==> flow/design.v <==
module mul_rtl #(
  parameter integer XLEN = 36,
  parameter integer W2 = 8
) (
  input  logic core_clk,
  input  logic rst,
  input  logic [XLEN-1:0] in_first,
  input  logic [W2-1:0] in_second,
  output logic [XLEN+W2-1:0] out_res
);
  always_ff @(posedge core_clk or posedge rst) begin
    if (rst) begin
      out_res <= 0;
    end else begin
      out_res <= in_first * in_second;
    end
  end
endmodule
Step by step through the tools: mul_rtl
The steps from the RTL of mul_rtl to its reports follow in flow order.
Line numbers count from 1 in the design file above.
Operators: Yosys type, input widths -> output width; for muxes data width and select width s.
Library cell names are shortened.
{ "design": {"design": "mul_rtl", "clock_port": "core_clk", "cell_library": "sky130hd", "lib_corner": "tt_025C_1v80"} }

Elaborated design
Source: Yosys, flattened and elaborated, memories not mapped. Widths are those after wreduce; folded enables and synchronous resets count as part of the registers. Registers that Yosys merges into a memory's read port (data or address) are not register bits. Print and check cells do not count. Equal cells are merged and count once.
{ "word_totals": {"reg_bits": 44, "inputBits": 46, "output_inout_bits": 44} }
{ "op_classes": {"n_mul": 1} }
{ "ops": {"columns": ["operator", "n"], "rows": [
  ["$mul 36x8->44", 1]
]} }

Logic depth
Depth = most cells in a row (Yosys ltp): at word level without a register or memory, in the mapped netlist without a sequential cell, where the memories' decode and read muxes count.
{ "depth": {"ltp_word": 1, "abc_area": 0, "depth_mapped": 19} }

Netlist
Source: synth_stat.txt of the flow (Yosys; design flattened, memories mapped). It holds for the ABC_AREA given above (unset counts as 0); a run with the other value may have another netlist.
{ "synth_totals": {"cells": 1070, "yosys_area_um2": 10067.2, "flip_flops": 44, "buf_cells": 40} }
{ "by_type": {"columns": ["cell_type", "n", "area_total_um2"], "rows": [
  ["fa_1", 204, 4.08E+03],
  ["and2_1", 214, 1.34E+03],
  ["dfrtp_1", 44, 1.1E+03],
  ["ha_1", 64, 800.768],
  ["inv_1", 160, 600.576],
  ["nand2_1", 106, 397.882],
  ["xnor2_1", 26, 227.718],
  ["a21oi_1", 44, 220.211],
  ["a21o_1", 20, 150.144],
  ["clkbuf_1", 39, 146.39],
  ["nor2_1", 26, 97.594],
  ["xor2_1", 10, 87.584],
  ["o21a_1", 9, 67.565],
  ["o21ai_0", 12, 60.058],
  ["a211oi_1", 7, 52.55],
  ["o21bai_1", 7, 52.55],
  ["and3_1", 7, 43.792],
  ["nand4_1", 7, 43.792]
]} }
Other cell types: 30; their cells: 64.

Worst setup path after synthesis
Path of least setup slack by OpenSTA after synthesis, without wires, with an ideal clock, recovery checks aside; 20% of the period is set as input and as output delay. Where synthesis merged equal registers, the netlist keeps one of their names.
{ "synth_path": {"path_kind": "input to register", "startpoint": "in in_second[2]", "endpoint": "reg out_res[39]", "clock_period_ns": 7.13, "in_delay_ns": 1.426, "launch_ns": 1.426, "arrival_time_ns": 5.864, "required_time_ns": 7.005, "path_slack_ns": 1.141, "delay_ns": 4.563, "driving_pins": 17, "synth_period_reached_ns": 5.989} }
"delay_ns" is the arrival time less input delay plus setup time.
"driving_pins" counts driving pins, that of a launching flip-flop among them; a cell with two outputs on the path counts twice.
"synth_period_reached_ns" = period - worst setup slack (recovery checks aside). The figure is calculated, with input and output delays left at 20% of the set period.
Between the ends stands the longest chain of elaborated cells between them, by number of cells; it is not shown to be the way that was timed. Of several equally long chains one is given.
A line is the first line of the expression or statement that the cell stems from. Yosys adds cells for indexed reads and writes and turns some case tables into memories.
{ "synth_via": {"path_cell_list": "clkbuf_1 > and2_1 > fa_1 > fa_1 > fa_1 > inv_1 > fa_1 > inv_1 > ha_1 > or4_1 > o21ai_2 > a21oi_2 > a311o_1 > a221o_1 > a31oi_4 > o2111a_1 > nor3_2", "elab_chain_cells": 1} }
{ "synth_rtl": {"columns": ["element", "line_no", "source"], "rows": [
  ["start: declaration", 8, "input  logic [W2-1:0] in_second,"],
  ["$mul 36x8->44", 15, "out_res <= in_first * in_second;"],
  ["end: assignment", 13, "out_res <= 0;"],
  ["end: assignment", 15, null],
  ["end: declaration", 9, "output logic [XLEN+W2-1:0] out_res"]
]} }

Worst path after layout
From the final timing report of flow run A: the path of least setup slack in the routed layout; clock arrival at registers is part of the times.
{ "layout_path": {"path_kind": "input to register", "startpoint": "in in_second[4]", "endpoint": "reg out_res[42]", "clock_period_ns": 7.13, "in_delay_ns": 1.43, "launch_ns": 1.43, "arrival_time_ns": 7.06, "required_time_ns": 7.33, "path_slack_ns": 0.27, "driving_pins": 16} }
Between the ends stands the longest chain of elaborated cells between them, by number of cells; it is not shown to be the way that was timed. Of several equally long chains one is given.
{ "layout_via": {"path_cell_list": "clkdlybuf4s50_1 > buf_4 > and2_1 > fa_1 > fa_1 > fa_1 > fa_1 > ha_1 > nand2_1 > nor2_1 > and3_1 > o2111ai_1 > a21oi_1 > a41oi_1 > a311o_1 > xnor2_1", "elab_chain_cells": 1} }
{ "layout_rtl": {"columns": ["element", "line_no", "source"], "rows": [
  ["start: declaration", 8, "input  logic [W2-1:0] in_second,"],
  ["$mul 36x8->44", 15, "out_res <= in_first * in_second;"],
  ["end: assignment", 13, "out_res <= 0;"],
  ["end: assignment", 15, null],
  ["end: declaration", 9, "output logic [XLEN+W2-1:0] out_res"]
]} }

Subject: mul_rtl on sky130hd, stored results

Hello all,

Flow measurements of mul_rtl on sky130hd: 3 stored runs with different settings, listed in no order. Input and output delays are each 20% of the period that was set; the output load is 0.01 pF.
"period_less_ws_ns" is the run's clock period less its worst setup slack. It is reckoned from that one timing run; input and output delays stay at 20% of the period that was set.
"worstPathTime_ns" = time allowed to the worst setup path (clock period - input delay - output delay, where it has them) - its slack; a late launch clock adds to it, a late capture clock takes from it.
"design_power_w" is the tool's figure for a default switching activity; nothing was simulated.

Flow run A
==> flow/run.sh <==
#!/bin/bash
# the make line also repeats the synthesis and layout settings of config.mk as NAME=value (left out here)
make -C /OpenROAD-flow-scripts/flow DESIGN_CONFIG=/design/flow/config.mk WORK_HOME=/design/flow/orfs CLKGATE_MAP_FILE= finish
==> flow/config.mk <==
export PLATFORM = sky130hd
export DESIGN_NAME = mul_rtl
export DESIGN_NICKNAME = mul_rtl
export VERILOG_FILES = /design/flow/design.v
export SDC_FILE = /design/flow/constraint.sdc
export NUM_CORES = 4
export LEC_CHECK = 0
export CAP_MARGIN = 20
export CORE_MARGIN = 2
export CORE_UTILIZATION = 40
export SLEW_MARGIN = 20
==> flow/constraint.sdc <==
create_clock -name core_clock -period 7.13 [get_ports {core_clk}]
set_input_delay 1.4260 -clock core_clock [delete_from_list [all_inputs] [get_ports {core_clk}]]
set_output_delay 1.4260 -clock core_clock [all_outputs]
set_load 0.01 [all_outputs]

==> results of flow run A, as JSON <==
{
  "post_route_stdcell_area_um2": 11593.6,
  "design_die_area_um2": 26453.4,
  "post_route_util_pct": 46.4,
  "design_power_w": 0.004515,
  "worstPathTime_ns": 5.44,
  "critical_path_kind": "input to register",
  "tns_setup_ns": 0.000,
  "timing.setup.ws_ns": 0.268,
  "period_less_ws_ns": 6.862,
  "post_synth_area_um2": 10067.2
}

Flow run B
==> flow/run.sh <==
#!/bin/bash
# the make line also repeats the synthesis and layout settings of config.mk as NAME=value (left out here)
make -C /OpenROAD-flow-scripts/flow DESIGN_CONFIG=/design/flow/config.mk WORK_HOME=/design/flow/orfs CLKGATE_MAP_FILE= finish
==> flow/config.mk <==
export PLATFORM = sky130hd
export DESIGN_NAME = mul_rtl
export DESIGN_NICKNAME = mul_rtl
export VERILOG_FILES = /design/flow/design.v
export SDC_FILE = /design/flow/constraint.sdc
export NUM_CORES = 4
export LEC_CHECK = 0
export CAP_MARGIN = 35
export CELL_PAD_IN_SITES_DETAIL_PLACEMENT = 1
export CELL_PAD_IN_SITES_GLOBAL_PLACEMENT = 1
export CORE_ASPECT_RATIO = 0.6
export CORE_MARGIN = 2
export CORE_UTILIZATION = 48
export CTS_CLUSTER_SIZE = 50
export GPL_TIMING_DRIVEN = 0
export MAX_ROUTING_LAYER = met4
export PLACE_DENSITY_LB_ADDON = 0.23
export SETUP_SLACK_MARGIN = 0.78
export SLEW_MARGIN = 35
==> flow/constraint.sdc <==
create_clock -name core_clock -period 4.34 [get_ports {core_clk}]
set_input_delay 0.8680 -clock core_clock [delete_from_list [all_inputs] [get_ports {core_clk}]]
set_output_delay 0.8680 -clock core_clock [all_outputs]
set_load 0.01 [all_outputs]

==> results of flow run B, as JSON <==
{
  "post_route_stdcell_area_um2": 13247.7,
  "design_die_area_um2": 22186.3,
  "post_route_util_pct": 65.4,
  "design_power_w": 0.010425,
  "worstPathTime_ns": 4.85,
  "critical_path_kind": "input to register",
  "tns_setup_ns": -32.345,
  "timing.setup.ws_ns": -1.376,
  "period_less_ws_ns": 5.716,
  "post_synth_area_um2": 10067.2
}

Flow run C
==> flow/run.sh <==
#!/bin/bash
# the make line also repeats the synthesis and layout settings of config.mk as NAME=value (left out here)
make -C /OpenROAD-flow-scripts/flow DESIGN_CONFIG=/design/flow/config.mk WORK_HOME=/design/flow/orfs CLKGATE_MAP_FILE= finish
==> flow/config.mk <==
export PLATFORM = sky130hd
export DESIGN_NAME = mul_rtl
export DESIGN_NICKNAME = mul_rtl
export VERILOG_FILES = /design/flow/design.v
export SDC_FILE = /design/flow/constraint.sdc
export NUM_CORES = 4
export LEC_CHECK = 0
export CAP_MARGIN = 20
export CELL_PAD_IN_SITES_DETAIL_PLACEMENT = 1
export CORE_ASPECT_RATIO = 1.2
export CORE_MARGIN = 3
export CORE_UTILIZATION = 68
export CTS_CLUSTER_SIZE = 57
export GPL_ROUTABILITY_DRIVEN = 1
export GPL_TIMING_DRIVEN = 0
export PLACE_DENSITY_LB_ADDON = 0.27
export SETUP_SLACK_MARGIN = 0.26
export SLEW_MARGIN = 30
==> flow/constraint.sdc <==
create_clock -name core_clock -period 7.22 [get_ports {core_clk}]
set_input_delay 1.4440 -clock core_clock [delete_from_list [all_inputs] [get_ports {core_clk}]]
set_output_delay 1.4440 -clock core_clock [all_outputs]
set_load 0.01 [all_outputs]

==> results of flow run C, as JSON <==
{
  "outcome": "incomplete, placement halted on DPL-0033"
}

Thanks
